==> flow/design.v <==
module diff_unit_v2 #(
    parameter integer BITS = 72
) (
    input logic clk,
    input logic [BITS-1:0] in0_in,
    input logic [BITS-1:0] in1_in,
    output logic [BITS-1:0] res_out
);
    always_ff @(posedge clk)
        res_out <= (in0_in > in1_in) ? in0_in - in1_in : in1_in - in0_in;
endmodule
* Tool chain data of diff_unit_v2
What the tools print for diff_unit_v2, step after step.
Line numbers count from 1 in the design file above.
Operators: Yosys type, input widths -> output width; for muxes data width and select width s.
Cell names lack the library's common part.
Not given: -
- Top module :: diff_unit_v2
- Clock input :: clk
- Library :: sky130hd
- Corner :: tt_025C_1v80

* Elaborated design
Counts by Yosys on the flattened word-level netlist (proc, flatten, opt, wreduce; memories kept). Register bits leave out memories and registers merged into their read ports (data or address); mux counts leave out enables and synchronous resets folded into registers. Print and check cells are left out. Cells with the same type and inputs are merged into one.
- $lt $le $gt $ge :: 1
- $add $sub $neg :: 2
- Muxes and demuxes :: 1
** Operator list (count)
- $sub 72x72->72 :: 2
- $gt 72x72->1 :: 1
- $mux 72 :: 1
- Output and inout bits :: 72
- Register bits after elaboration :: 72
- Elaborated cells :: 5

* Logic depth
Depth = most cells in a row (Yosys ltp): at word level without a register or memory, in the mapped netlist without a sequential cell, where the memories' decode and read muxes count.
- Depth in word-level cells :: 2
- ABC_AREA :: 0
- Gate-level depth with buffers :: 16
- Mapped depth without buffers :: 12

* Netlist
The flow's flattened synthesis, as Yosys stat reports it; memories are mapped. The netlist is that of the ABC_AREA named above (0 if unset); the other value can give another one.
Totals and module areas in this step are rounded.
- Buffers :: 86
- Area of sequential cells :: 1440 µm²
- Flip-flop cells :: 72
- Mapped area :: 11200 µm²
- Mapped cells :: 1606
** Cells by type (count)
- ha_1 :: 143
- dfxtp_1 :: 72
- a21oi_1 :: 222
- inv_1 :: 172
- o21ai_0 :: 114
- nand2_1 :: 139
- nor2_1 :: 116
- xnor2_1 :: 41
- a21o_1 :: 42
- nand4_1 :: 47
- o21bai_1 :: 33
- buf_2 :: 47
- xor2_1 :: 26
- o21ai_1 :: 38
- buf_4 :: 25
- a211oi_1 :: 22
- o211ai_1 :: 19
- and4_1 :: 14
Other cell types: 70; their cells: 274.

* Worst setup path after synthesis
OpenSTA on the mapped netlist: ideal clock, no wires. The path of least setup slack (recovery checks aside). Input and output delay are each 20% of the period. Register names are those of the netlist, which keeps one name where synthesis merged equal registers.
- Kind :: input to register
- Start point :: in in0_in[16]
- End point :: reg res_out[63]
- Launch time at the first pin :: 748 ps
- Input delay :: 748 ps
- Stages :: 11
- Buffers on the path :: 1
- Data arrival time :: 3014 ps
- Path delay :: 2394 ps
- Setup slack :: 598 ps
- Clock period :: 3740 ps
- Synthesis period reached :: 3142 ps
"path delay" = arrival - input delay + setup time.
"stages" counts driving pins, that of a launching flip-flop among them; a cell with two outputs on the path counts twice.
"synthesis period reached" = period - worst setup slack (recovery checks aside). The figure is calculated, with input and output delays left at 20% of the set period.
Between the ends stands the longest chain of elaborated cells between them, by number of cells; it is not shown to be the way that was timed. Of several equally long chains one is given.
Each line given opens the expression or statement behind the cell; cells for indexed reads and writes are added by Yosys, which also makes memories of some case tables.
- Cell sequence :: inv_1 > ha_1 > buf_4 > a21oi_1 > o21ai_0 > a221o_1 > a2111oi_1 > nor4_1 > nor4_2 > o32ai_2 > xor2_1
- Cells in the longest elaborated chain :: 2
** Ends and longest elaborated chain, after synthesis
- start, declared :: RTL line 5 : input logic [BITS-1:0] in0_in,
- $sub 72x72->72 :: RTL line 10 : res_out <= (in0_in > in1_in) ? in0_in - in1_in : in1_in - in0_in;
- $mux 72 :: RTL line 10
- end, assigned :: RTL line 10
- end, declared :: RTL line 7 : output logic [BITS-1:0] res_out

* Worst path after layout
From the final timing report of record 1: the path of least setup slack in the routed layout; clock arrival at registers is part of the times.
The path's times are printed in steps of 10 ps; the period is the one set.
- Kind :: input to register
- Start point :: in in0_in[24]
- End point :: reg res_out[48]
- Stages :: 15
- Setup slack :: -40 ps
- Clock period :: 3340 ps
- Input delay :: 670 ps
- Data arrival time :: 3640 ps
- Launch time at the first pin :: 670 ps
- Buffers on the path :: 5
Between the ends stands the longest chain of elaborated cells between them, by number of cells; it is not shown to be the way that was timed. Of several equally long chains one is given.
- Cell sequence :: clkdlybuf4s50_1 > inv_1 > ha_4 > buf_4 > and2_4 > buf_4 > a21boi_1 > o21ai_1 > buf_4 > a311o_2 > a31o_2 > a211oi_2 > a31oi_1 > buf_4 > xor2_1
- Cells in the longest elaborated chain :: 2
** Ends and longest elaborated chain, after layout
- start, declared :: RTL line 5 : input logic [BITS-1:0] in0_in,
- $sub 72x72->72 :: RTL line 10 : res_out <= (in0_in > in1_in) ? in0_in - in1_in : in1_in - in0_in;
- $mux 72 :: RTL line 10
- end, assigned :: RTL line 10
- end, declared :: RTL line 7 : output logic [BITS-1:0] res_out

==> runs of diff_unit_v2 <==
Flow measurements of diff_unit_v2 on sky130hd: 3 stored runs with different settings, listed in no order. Input and output delays are each 20% of the period that was set; the output load is 0.01 pF.
"period achieved" means the clock period less the worst setup slack. The figure is calculated, with input and output delays left at 20% of the set period.
"critical path time" is the time allowed to the run's worst setup path (the clock period less input and output delay, where it has them) less its slack. Clock arrival times count: a late capture clock shortens it, a late launch clock lengthens it.
"total power of the final layout" is the tool's figure for a default switching activity; nothing was simulated.
"critical path time" is known to 10 ps.
Values from the reports are rounded here.

* Record 1
** Files
==> flow/run.sh <==
#!/bin/bash
# the make line also repeats the synthesis and layout settings of config.mk as NAME=value (left out here)
make -C /OpenROAD-flow-scripts/flow DESIGN_CONFIG=/design/flow/config.mk WORK_HOME=/design/flow/orfs CLKGATE_MAP_FILE= finish
==> flow/config.mk <==
export PLATFORM = sky130hd
export DESIGN_NAME = diff_unit_v2
export DESIGN_NICKNAME = diff_unit_v2
export VERILOG_FILES = /design/flow/design.v
export SDC_FILE = /design/flow/constraint.sdc
export NUM_CORES = 4
export LEC_CHECK = 0
export CAP_MARGIN = 40
export CORE_MARGIN = 6
export CORE_UTILIZATION = 28
export GPL_ROUTABILITY_DRIVEN = 1
export MIN_ROUTING_LAYER = met1
export PLACE_DENSITY_LB_ADDON = 0.16
export SETUP_SLACK_MARGIN = -0.05
export SLEW_MARGIN = 40
export TNS_END_PERCENT = 75
==> flow/constraint.sdc <==
create_clock -name core_clock -period 3.34 [get_ports {clk}]
set_input_delay 0.6680 -clock core_clock [delete_from_list [all_inputs] [get_ports {clk}]]
set_output_delay 0.6680 -clock core_clock [all_outputs]
set_load 0.01 [all_outputs]
** Results
- Critical path time :: 2710 ps
- Class of the worst setup path :: input to register
- Area of the standard cells in the finished layout :: 22100 µm²
- Sum of negative setup slack :: -42 ps
- Final worst hold slack :: 780 ps
- Total power of the final layout :: 6.84 mW
- Period achieved :: 3382 ps
- Worst setup slack after layout :: -42 ps
- Cell area after synthesis :: 11200 µm²
- Die area :: 44800 µm²
- Post-route utilization :: 56.8 %

* Record 2
** Files
==> flow/run.sh <==
#!/bin/bash
# the make line also repeats the synthesis and layout settings of config.mk as NAME=value (left out here)
make -C /OpenROAD-flow-scripts/flow DESIGN_CONFIG=/design/flow/config.mk WORK_HOME=/design/flow/orfs CLKGATE_MAP_FILE= finish
==> flow/config.mk <==
export PLATFORM = sky130hd
export DESIGN_NAME = diff_unit_v2
export DESIGN_NICKNAME = diff_unit_v2
export VERILOG_FILES = /design/flow/design.v
export SDC_FILE = /design/flow/constraint.sdc
export NUM_CORES = 4
export LEC_CHECK = 0
export ABC_AREA = 1
export CAP_MARGIN = 20
export CELL_PAD_IN_SITES_DETAIL_PLACEMENT = 1
export CORE_MARGIN = 2
export CORE_UTILIZATION = 28
export GPL_ROUTABILITY_DRIVEN = 1
export GPL_TIMING_DRIVEN = 1
export MAX_ROUTING_LAYER = met5
export MIN_ROUTING_LAYER = met1
export PLACE_DENSITY_LB_ADDON = 0.06
export SETUP_SLACK_MARGIN = -0.1
export SLEW_MARGIN = 20
export TNS_END_PERCENT = 80
==> flow/constraint.sdc <==
create_clock -name core_clock -period 4.37 [get_ports {clk}]
set_input_delay 0.8740 -clock core_clock [delete_from_list [all_inputs] [get_ports {clk}]]
set_output_delay 0.8740 -clock core_clock [all_outputs]
set_load 0.01 [all_outputs]
** Results
- Critical path time :: 2770 ps
- Class of the worst setup path :: input to register
- Area of the standard cells in the finished layout :: 18300 µm²
- Sum of negative setup slack :: 0 ps
- Final worst hold slack :: 1230 ps
- Total power of the final layout :: 4.59 mW
- Period achieved :: 3643 ps
- Worst setup slack after layout :: 727 ps
- Cell area after synthesis :: 14900 µm²
- Die area :: 55100 µm²
- Post-route utilization :: 34.8 %

* Record 3
** Files
==> flow/run.sh <==
#!/bin/bash
# the make line also repeats the synthesis and layout settings of config.mk as NAME=value (left out here)
make -C /OpenROAD-flow-scripts/flow DESIGN_CONFIG=/design/flow/config.mk WORK_HOME=/design/flow/orfs CLKGATE_MAP_FILE= finish
==> flow/config.mk <==
export PLATFORM = sky130hd
export DESIGN_NAME = diff_unit_v2
export DESIGN_NICKNAME = diff_unit_v2
export VERILOG_FILES = /design/flow/design.v
export SDC_FILE = /design/flow/constraint.sdc
export NUM_CORES = 4
export LEC_CHECK = 0
export CAP_MARGIN = 20
export CORE_MARGIN = 2
export CORE_UTILIZATION = 40
export SLEW_MARGIN = 20
==> flow/constraint.sdc <==
create_clock -name core_clock -period 3.74 [get_ports {clk}]
set_input_delay 0.7480 -clock core_clock [delete_from_list [all_inputs] [get_ports {clk}]]
set_output_delay 0.7480 -clock core_clock [all_outputs]
set_load 0.01 [all_outputs]
** Results
- Critical path time :: 2990 ps
- Class of the worst setup path :: input to register
- Area of the standard cells in the finished layout :: 19000 µm²
- Sum of negative setup slack :: 0 ps
- Final worst hold slack :: 771 ps
- Total power of the final layout :: 5.61 mW
- Period achieved :: 3737 ps
- Worst setup slack after layout :: 3 ps
- Cell area after synthesis :: 11200 µm²
- Die area :: 29200 µm²
- Post-route utilization :: 68.7 %
